==> flow/design.v <==
module sync_sel_unit_stage #(
  parameter DATA_W = 8,
  parameter N = 4,
  parameter SW = $clog2(N)
) (
  input wire ck,
  input wire rst,
  input wire [N*DATA_W-1:0] in_src,
  input wire [SW-1:0] in_select,
  output wire [DATA_W-1:0] out_y
);
  reg [N*DATA_W-1:0] src_d1;
  reg [SW-1:0] select_d1;
  always @(posedge ck) begin
    if (rst) begin
      src_d1 <= 0;
      select_d1 <= 0;
    end else begin
      src_d1 <= in_src;
      select_d1 <= in_select;
    end
  end
  localparam LO_W = N / 2;
  reg [DATA_W-1:0] lsb_d1;
  reg [DATA_W-1:0] high_d1;
  reg select_d1_d;
  reg [DATA_W-1:0] y_d1;
  always @(posedge ck) begin
    if (rst) begin
      lsb_d1 <= 0;
      high_d1 <= 0;
      select_d1_d <= 1'b0;
      y_d1 <= 0;
    end else begin
      lsb_d1 <= src_d1[select_d1[SW-2:0]*DATA_W +: DATA_W];
      high_d1 <= src_d1[(LO_W + select_d1[SW-2:0])*DATA_W +: DATA_W];
      select_d1_d <= select_d1[SW-1];
      y_d1 <= select_d1_d ? high_d1 : lsb_d1;
    end
  end
  assign out_y = y_d1;
endmodule
# Reports on sync_sel_unit_stage
# What the tools print for sync_sel_unit_stage, step after step.
# Line numbers count from 1 in the design file above.
# Library cell names are shortened.
# The mark n/a stands for no value.
# design
design	sync_sel_unit_stage
clk_port	ck
lib	sky130hd
lib_corner	tt_025C_1v80

# Elaborated design
# Counts by Yosys on the flattened word-level netlist (proc, flatten, opt, wreduce; memories kept). Register bits leave out memories and registers merged into their read ports (data or address); mux counts leave out enables and synchronous resets folded into registers. Print and check cells are left out. Cells with the same type and inputs are merged into one.
# word_totals
reg_bits	59
wordCells	10
output_inout_bits	8
in_bits	36
# classes
muxes	1
add_sub_neg	1
shifts	2
# ops
cell	n
indexed select 32 x 5 -> 8 bit	1
indexed select 32 x 7 -> 8 bit	1
two-way mux 8 bit	1
adder 2 x 1 -> 3 bit (first input constant)	1

# Logic depth
# Longest topological path by Yosys (ltp), each cell counted once; first at word level (registers and memories cut), then after technology mapping (sequential cells cut; the memories' decode and read muxes count).
# logic_depth
word_depth	2
ABC_AREA	0
mapped_depth	4
mapped_depth_nobuf	2

# Mapped cells and area
# Source: synth_stat.txt of the flow (Yosys; design flattened, memories mapped). It holds for the ABC_AREA given above (unset counts as 0); a run with the other value may have another netlist.
# synth_totals
mapped_area_um2	1804.2
stdcells	151
sequential_area_um2	1181.1
buffers	9
ffs	59
# types
cell_type	n	type_area_um2
dfxtp_1	59	1.18E+03
mux2i_1	24	240.23
nor2b_1	35	218.96
nor2_1	24	90.086
buf_4	3	22.522
buf_12	1	20.019
buf_2	4	20.019
buf_6	1	11.261

# Path before layout
# OpenSTA on the mapped netlist: ideal clock, no wires. The path of least setup slack (recovery checks aside). Input and output delay are each 20% of the period. Register names are those of the netlist, which keeps one name where synthesis merged equal registers.
# synth_path
path_kind	reg2reg
start	reg select_d1[0]
end	reg high_d1[4]
n_path_buf	2
t_arrival_ns	0.784
clock_period_ns	1.13
launch_ns	0.000
delay_ns	0.901
slack_ns	0.229
required_ns	1.013
setup_time_ns	0.117
path_stages	5
period_less_setup_slack_ns	0.901
# "delay_ns" is the arrival time less input delay plus setup time.
# "path_stages" counts driving pins, that of a launching flip-flop among them; a cell with two outputs on the path counts twice.
# "period_less_setup_slack_ns" is the clock period less the worst setup slack; recovery checks do not enter. This is arithmetic on one report: input and output delays are still those of the set period (20% each).
# The rows between start and end are the longest chain of elaborated cells between them; the timing report does not say that the signal goes this way. Where chains are equally long, one stands for them.
# A line is the first line of the expression or statement that the cell stems from. Yosys adds cells for indexed reads and writes and turns some case tables into memories.
# synth_via
cell_sequence	dfxtp_1 buf_6 buf_12 mux2i_1 nor2_1
elab_chain_cells	2
cone_cells	2
cone_lines	1
classes_between	add/sub: 1; shift: 1
# synth_rtl
item	line	rtl
from (decl)	13	reg [SW-1:0] select_d1;
from (assign)	17	select_d1 <= 0;
from (assign)	20	select_d1 <= in_select;
adder 2 x 1 -> 3 bit	36	high_d1 <= src_d1[(LO_W + select_d1[SW-2:0])*DATA_W +: DATA_W];
indexed select 32 x 7 -> 8 bit	36
to (assign)	31	high_d1 <= 0;
to (assign)	36
to (decl)	25	reg [DATA_W-1:0] high_d1;

# Path in the finished layout
# From the final timing report of run B: the path of least setup slack in the routed layout; clock arrival at registers is part of the times.
# layout_path
path_kind	reg2out
start	reg y_d1[2]
end	out out_y[2]
path_stages	2
clock_period_ns	1.13
slack_ns	0.02
t_arrival_ns	0.88
required_ns	0.90
output_delay_ns	0.23
n_path_buf	1
launch_ns	0.32
# layout_via
cell_sequence	dfxtp_1 dlygate4sd2_1
elab_chain_cells	0
cone_cells	0
cone_lines	0
# layout_rtl
item	line	rtl
from (decl)	27	reg [DATA_W-1:0] y_d1;
from (assign)	33	y_d1 <= 0;
from (assign)	38	y_d1 <= select_d1_d ? high_d1 : lsb_d1;
to (decl)	10	output wire [DATA_W-1:0] out_y

# Flow measurements of sync_sel_unit_stage on sky130hd: 3 stored runs with different settings, listed in no order. Input and output delays are each 20% of the period that was set; the output load is 0.01 pF.
# By "period_less_ws_ns" is meant the clock period of the run minus its worst setup slack. This is arithmetic on one report: input and output delays are still those of the set period (20% each).
# By "critical_path_time_ns" is meant the share of the clock period that the worst setup path is allowed (20% is reserved at inputs, 20% at outputs), minus its slack. Clock arrival times at its registers enter into it.
# Among the settings, n/a means not set for that run.
# A result given as n/a is not shown for that run.
item,run A,run B,run C
period_ns,1.19,1.13,1.05
CORE_UTILIZATION,62,40,57
PLACE_DENSITY,0.6,n/a,n/a
CELL_PAD_IN_SITES_GLOBAL_PLACEMENT,2,n/a,n/a
CELL_PAD_IN_SITES_DETAIL_PLACEMENT,2,n/a,n/a
CTS_CLUSTER_SIZE,81,n/a,n/a
CTS_CLUSTER_DIAMETER,335,n/a,n/a
MAX_ROUTING_LAYER,met4,n/a,met4
CAP_MARGIN,20,20,15
CORE_MARGIN,2,2,10
SLEW_MARGIN,20,20,20
GPL_TIMING_DRIVEN,n/a,n/a,0
yosys_chip_area_um2,n/a,1804.2,1804.2
design_die_area_um2,n/a,5063.8,5815.6
finish.stdcell_area_um2,n/a,2429.8,2428.6
timing.setup.ws_ns,n/a,0.021,0.041
final_setup_tns_ns,n/a,0.000,0.000
period_less_ws_ns,n/a,1.109,1.009
critical_path_time_ns,n/a,0.88,0.80
worst_setup_path_type,n/a,reg2out,reg2out
# Run A: stopped before the end: placement reported GPL-0301
